==> flow/design.v <==
module my_times_v2 #(
  parameter WD = 64,
  parameter COEF = 25,
  parameter RES_W = WD + $clog2(COEF + 1)
) (
  input  logic clk,
  input  logic clk_en,
  input  logic [WD-1:0] in_x,
  output logic [RES_W-1:0] out_out
);
  always_ff @(posedge clk) begin
    if (clk_en) begin
      out_out <= in_x * COEF;
    end
  end
endmodule
From RTL to reports: my_times_v2 --
What the tools print for my_times_v2, step after step. Lines are those of the file above, counted from 1. Operators carry their Yosys type and port widths (W data, S select, Z words). Cell names lack the library's common part. A cell with - has no value.
Inputs: top my_times_v2, clock clk, standard-cell library sky130hd, library corner tt_025C_1v80

Elaborated design --
Counts by Yosys on the flattened word-level netlist (proc, flatten, opt, wreduce; memories kept). Register bits leave out memories and registers merged into their read ports (data or address); mux counts leave out enables and synchronous resets folded into registers. Print and check cells are left out. Cells with the same type and inputs are merged into one.
Cells by class: multiply operators 1
Operators with widths (number):
- $mul A64 B5 Y69 const B | 1
Bit counts: register bits after elaboration 69, bits of input ports 66, output and inout bits 69

Depth --
Longest topological path by Yosys (ltp), each cell counted once; first at word level (registers and memories cut), then after technology mapping (sequential cells cut; the memories' decode and read muxes count).
Logic depth: depth in word-level cells 1, ABC_AREA 0, mapped depth 16

Netlist --
Source: synth_stat.txt of the flow (Yosys; design flattened, memories mapped). It holds for the ABC_AREA given above (unset counts as 0); a run with the other value may have another netlist.
Synthesis totals: cell count 1081, cell area after synthesis 0.0097819 mm2, sequential area 0.002072 mm2, flip-flop cells 69, buffer cells 18
Cell types:
- ha_1 | number 196, total area 2.45E+03 um2
- edfxtp_1 | number 69, total area 2.07E+03 um2
- fa_1 | number 59, total area 1.18E+03 um2
- inv_1 | number 275, total area 1032.24 um2
- a21oi_1 | number 80, total area 400.384 um2
- xnor2_1 | number 36, total area 315.302 um2
- nand2_1 | number 62, total area 232.723 um2
- xor2_1 | number 25, total area 218.96 um2
- a21o_1 | number 24, total area 180.173 um2
- o21ai_0 | number 35, total area 175.168 um2
- nor2_1 | number 38, total area 142.637 um2
- o21bai_1 | number 18, total area 135.13 um2
- nand4_1 | number 15, total area 93.84 um2
- nand3_1 | number 13, total area 65.062 um2
- a31oi_1 | number 10, total area 62.56 um2
- nor3_1 | number 10, total area 50.048 um2
- buf_2 | number 8, total area 40.038 um2
- a211oi_1 | number 5, total area 37.536 um2
Not listed: further types 54, cells in them 103.

Worst setup path after synthesis --
Source: OpenSTA report_checks on the synthesized netlist (no wires, ideal clock, input and output delay 20% of the period each), path of least setup slack; recovery checks are left aside. Register names are those of the netlist, which keeps one name where synthesis merged equal registers.
Timing path post-synthesis: path kind input to register, start input in_x[24], end register out_out[61], period 5.26 ns, launch time at the first pin 1.052 ns, data arrival time 4.152 ns, slack 0.843 ns, delay of the path 3.365 ns, stages on the path 16, path buffers 1, period reached after synthesis 4.417 ns
"delay of the path" = arrival - input delay + setup time. "stages on the path": output pins that drive a net of the path, with the launching flip-flop's if there is one; two outputs of one cell count as two. "period reached after synthesis" is the clock period less the worst setup slack; recovery checks do not enter. This is arithmetic on one report: input and output delays are still those of the set period (20% each). Between the ends stands the longest chain of elaborated cells between them, by number of cells; it is not shown to be the way that was timed. Of several equally long chains one is given. Each line given opens the expression or statement behind the cell; cells for indexed reads and writes are added by Yosys, which also makes memories of some case tables.
Between the ends, post-synthesis: path through ha_1 -> ha_1 -> inv_1 -> fa_1 -> inv_1 -> ha_1 -> clkbuf_8 -> a21oi_1 -> o21ai_0 -> a21o_1 -> a21o_1 -> a31o_2 -> nand4b_1 -> a41oi_2 -> o21ai_0 -> xor2_1, cells in the longest elaborated chain 1, elaborated cells on any way between the ends 1, those cells by class mul (1)
Ends and longest elaborated chain, post-synthesis:
- start, declared | line 8 | input  logic [WD-1:0] in_x,
- $mul A64 B5 Y69 | line 13 | out_out <= in_x * COEF;
- end, assigned | line 13
- end, declared | line 9 | output logic [RES_W-1:0] out_out

Timing after layout --
From the final timing report of run 1: the path of least setup slack in the routed layout; clock arrival at registers is part of the times.
Timing path post-layout: path kind input to register, start input in_x[19], end register out_out[62], period 2.84 ns, launch time at the first pin 0.57 ns, data arrival time 4.18 ns, slack -1.23 ns, stages on the path 16, path buffers 2
Between the ends stands the longest chain of elaborated cells between them, by number of cells; it is not shown to be the way that was timed. Of several equally long chains one is given.
Between the ends, post-layout: path through clkdlybuf4s15_2 -> ha_2 -> ha_1 -> inv_1 -> fa_1 -> inv_2 -> ha_4 -> nand2_1 -> buf_4 -> or3_4 -> inv_4 -> a2111oi_4 -> o41ai_4 -> o21ai_4 -> a21oi_2 -> xor2_1, cells in the longest elaborated chain 1, elaborated cells on any way between the ends 1, those cells by class mul (1)
Ends and longest elaborated chain, post-layout:
- start, declared | line 8 | input  logic [WD-1:0] in_x,
- $mul A64 B5 Y69 | line 13 | out_out <= in_x * COEF;
- end, assigned | line 13
- end, declared | line 9 | output logic [RES_W-1:0] out_out

Data sheet: physical implementation of my_times_v2

Module my_times_v2, platform sky130hd: 3 stored runs of the flow (Yosys, OpenROAD) with differing settings, in no particular order. Input and output delays are each 20% of the period that was set; the output load is 0.01 pF.
"clock period reached": clock period set for the run, less the worst setup slack. It is reckoned from that one timing run; input and output delays stay at 20% of the period that was set.
"worst setup path time" is the time allowed to the run's worst setup path (the clock period less input and output delay, where it has them) less its slack. Clock arrival times count: a late capture clock shortens it, a late launch clock lengthens it.
By "total power after layout" is meant OpenSTA's value without simulated activity: inputs other than the clock are taken to toggle once in ten clock periods, and the tool carries that through the logic.

* Run 1 | settings: period_ns 2.84; CORE_UTILIZATION 30; SETUP_SLACK_MARGIN -0.24; PLACE_DENSITY_LB_ADDON 0.06; HOLD_SLACK_MARGIN 0.15; CORE_MARGIN 4; CELL_PAD_IN_SITES_GLOBAL_PLACEMENT 2; CELL_PAD_IN_SITES_DETAIL_PLACEMENT 2; TNS_END_PERCENT 15; GPL_ROUTABILITY_DRIVEN 1; MAX_ROUTING_LAYER met4; CAP_MARGIN 20; SLEW_MARGIN 20 | results: total power after layout 12.436 mW; standard-cell area of the final layout 0.0163081 mm2; smallest hold slack 0.480 ns; worst setup path time 3.50 ns; critical path kind input to register; chip area after synthesis (Yosys) 0.0097819 mm2; clock period reached 4.073 ns; setup TNS -52.029 ns; setup slack of the critical path -1.233 ns; full die area 0.0355586 mm2; post-layout utilization 0.512
* Run 2 | settings: period_ns 5.26; CAP_MARGIN 20; CORE_MARGIN 2; CORE_UTILIZATION 40; SLEW_MARGIN 20 | results: total power after layout 4.590 mW; clock period reached 4.988 ns; standard-cell area of the final layout 0.0121379 mm2; full die area 0.0257217 mm2; chip area after synthesis (Yosys) 0.0097819 mm2; worst setup path time 3.94 ns; critical path kind input to register; smallest hold slack 1.336 ns; setup TNS 0.000 ns; post-layout utilization 0.502; setup slack of the critical path 0.272 ns
* Run 3 | settings: period_ns 4.45; CORE_UTILIZATION 69; SETUP_SLACK_MARGIN 0.65; PLACE_DENSITY_LB_ADDON 0.14; CORE_ASPECT_RATIO 0.79; CORE_MARGIN 6; CELL_PAD_IN_SITES_DETAIL_PLACEMENT 2; TNS_END_PERCENT 15; GPL_TIMING_DRIVEN 1; CTS_CLUSTER_SIZE 50; CAP_MARGIN 0; MIN_ROUTING_LAYER met1; MAX_ROUTING_LAYER met5; SLEW_MARGIN 20 | not finished: placement ended with a tool error
